==> flow/design.v <==
module my_data_mux_stage #(
    parameter DATA_WIDTH = 3,
    parameter LANES = 16,
    parameter SW = $clog2(LANES)
) (
    input  logic ck,
    input  logic nrst,
    input  logic [LANES*DATA_WIDTH-1:0] din,
    input  logic [SW-1:0] choose,
    output logic [DATA_WIDTH-1:0] dout
);
    logic [LANES*DATA_WIDTH-1:0] din_r;
    always_ff @(posedge ck or negedge nrst) begin
        if (~nrst) begin
            din_r <= 0;
        end else begin
            din_r <= din;
        end
    end
    logic [SW-1:0] choose_r;
    always_ff @(posedge ck or negedge nrst) begin
        if (~nrst) begin
            choose_r <= 0;
        end else begin
            choose_r <= choose;
        end
    end
    wire [DATA_WIDTH-1:0] node [1:2*LANES-1];
    generate
        for (genvar g = 0; g < LANES; g++) begin : blk
            assign node[LANES+g] = din_r[g*DATA_WIDTH +: DATA_WIDTH];
        end
        for (genvar g = 1; g < LANES; g++) begin : g_bit
            assign node[g] = choose_r[SW - $clog2(g+1)] ? node[2*g+1] : node[2*g];
        end
    endgenerate
    assign dout = node[1];
endmodule
# [Tool chain data of my_data_mux_stage]
# What the tools print for my_data_mux_stage, step after step.
# Line numbers count from 1 in the design file above.
# Operators carry their Yosys type and port widths (W data, S select, Z words).
# Library cell names are shortened.
# A cell with - has no value.
[inputs] top_module="my_data_mux_stage" clock_port="ck" library="sky130hd" pvt_corner="tt_025C_1v80"

# [Word level]
# Yosys after proc, flatten, opt, wreduce and memory -nomap, before mapping. Enables and synchronous resets that opt folds into registers are not counted as muxes. Print and check cells are not counted. Equal cells are merged and count once.
[classes] muxes=15
[op_table] op="$mux W3" n=15
[word_totals] reg_bits=52 inputBits=54 output_inout_bits=3 word_cells=17

# [Depth]
# Yosys ltp: most cells in a row. Word level: on the elaborated netlist, between registers, memories and ports. Mapped: between sequential cells and ports; inverters and the memories' decode and read muxes count.
[logic_depth] word_depth=4 abc_area=0 ltp_mapped=4 ltp_nobuf=3

# [After synthesis]
# Yosys stat after the flow's synthesis: flattened, memories mapped to cells. It holds for the ABC_AREA given above (unset counts as 0); a run with the other value may have another netlist.
[types] cell_type="dfrtp_1" n=52 area_total_um2=1.3E+03
[types] cell_type="mux4_1" n=8 area_total_um2=210.202
[types] cell_type="mux4_2" n=4 area_total_um2=90.086
[types] cell_type="nand3_1" n=6 area_total_um2=30.029
[types] cell_type="a22oi_1" n=2 area_total_um2=15.014
[types] cell_type="a22oi_2" n=1 area_total_um2=12.512
[types] cell_type="nor2b_1" n=2 area_total_um2=12.512
[types] cell_type="buf_6" n=1 area_total_um2=11.261
[types] cell_type="nand2_1" n=3 area_total_um2=11.261
[types] cell_type="clkbuf_1" n=1 area_total_um2=3.754
[types] cell_type="nor2_1" n=1 area_total_um2=3.754
[mapped] cell_count=81 yosys_area_um2=1701.6 seq_area_um2=1301.2 ffs=52 buffers=2

# [Worst setup path after synthesis]
# OpenSTA on the mapped netlist: ideal clock, no wires. The path of least setup slack (recovery checks aside). Input and output delay are each 20% of the period. Register names are those of the netlist, which keeps one name where synthesis merged equal registers.
[synth_path] kind="register to output" start="reg (no name shown)" end="out dout[1]" period_ns=2.09 out_delay_ns=0.418 launch_ns=0.000 arrival_ns=1.337 required_time_ns=1.672 path_slack_ns=0.335 path_delay_ns=1.337 driving_pins=5 n_path_buf=1 period_less_setup_slack_ns=1.755
# "path_delay_ns" = arrival - input delay + setup time.
# A path that ends at an output port has no setup time.
# "driving_pins": output pins that drive a net of the path, with the launching flip-flop's if there is one; two outputs of one cell count as two.
# "period_less_setup_slack_ns" = period - worst setup slack (recovery checks aside). The figure is calculated, with input and output delays left at 20% of the set period.
# Between the ends stands the longest chain of elaborated cells between them, by number of cells; it is not shown to be the way that was timed. Of several equally long chains one is given.
# Each line given opens the expression or statement behind the cell; cells for indexed reads and writes are added by Yosys, which also makes memories of some case tables.
[synth_via] cell_sequence="dfrtp_1 -> buf_6 -> mux4_2 -> a22oi_2 -> nand3_1" elab_chain_cells=4 cells_between=15 lines_between=1 classes_between="mux: 15"
[synth_lines] element="start, declared" line=20
[synth_lines] element="start, assigned" line=23
[synth_lines] element="start, assigned" line=25
[synth_lines] element="$mux W3 (4 in a row)" line=34
[synth_lines] element="end, declared" line=10 text="output logic [DATA_WIDTH-1:0] dout"

# [Worst path after layout]
# Path of least setup slack in the final report of run 1 (OpenROAD, finished layout, wires in). Where an end is a register, its clock arrival counts in the times.
[layout_path] kind="register to output" start="reg (no name shown)" end="out dout[0]" period_ns=2.33 out_delay_ns=0.47 launch_ns=0.29 arrival_ns=1.95 required_time_ns=1.86 path_slack_ns=-0.09 driving_pins=6 n_path_buf=2
# Between the ends stands the longest chain of elaborated cells between them, by number of cells; it is not shown to be the way that was timed. Of several equally long chains one is given.
[layout_via] cell_sequence="dfrtp_2 -> buf_4 -> mux4_1 -> a22oi_2 -> nand3_1 -> clkdlybuf4s15_1" elab_chain_cells=4 cells_between=15 lines_between=1 classes_between="mux: 15"
[layout_lines] element="start, declared" line=20
[layout_lines] element="start, assigned" line=23
[layout_lines] element="start, assigned" line=25
[layout_lines] element="$mux W3 (4 in a row)" line=34
[layout_lines] element="end, declared" line=10 text="output logic [DATA_WIDTH-1:0] dout"

Top module my_data_mux_stage; platform sky130hd; tools Yosys and OpenROAD; 3 stored runs in no particular order. Input and output delays are each 20% of the period that was set; the output load is 0.01 pF.
[run 1] settings: period_ns=2.33, CORE_UTILIZATION=46, SETUP_SLACK_MARGIN=-0.16, PLACE_DENSITY=0.93, HOLD_SLACK_MARGIN=-0.08, CORE_ASPECT_RATIO=0.52, CELL_PAD_IN_SITES_GLOBAL_PLACEMENT=0, CTS_CLUSTER_SIZE=72, CTS_CLUSTER_DIAMETER=225, CAP_MARGIN=25, MIN_ROUTING_LAYER=met1, MAX_ROUTING_LAYER=met4, CORE_MARGIN=2, SLEW_MARGIN=20
[run 1] result: chip area after synthesis (Yosys) 1701.6 µm², die area 4228.2 µm², standard-cell area of the final layout 2436.1 µm², worst setup slack after layout -0.086 ns, total negative slack -0.142 ns
[run 2] settings: period_ns=1.2, CORE_UTILIZATION=39, SETUP_SLACK_MARGIN=0.35, PLACE_DENSITY_LB_ADDON=0.06, CORE_ASPECT_RATIO=0.73, CELL_PAD_IN_SITES_GLOBAL_PLACEMENT=1, CAP_MARGIN=20, CORE_MARGIN=2, SLEW_MARGIN=20
[run 2] result: chip area after synthesis (Yosys) 1701.6 µm², die area 4914.0 µm², standard-cell area of the final layout 2558.7 µm², worst setup slack after layout -0.876 ns, total negative slack -2.504 ns
[run 3] settings: period_ns=2.09, CAP_MARGIN=20, CORE_MARGIN=2, CORE_UTILIZATION=40, SLEW_MARGIN=20
[run 3] result: chip area after synthesis (Yosys) 1701.6 µm², die area 4792.1 µm², standard-cell area of the final layout 2443.6 µm², worst setup slack after layout -0.095 ns, total negative slack -0.250 ns
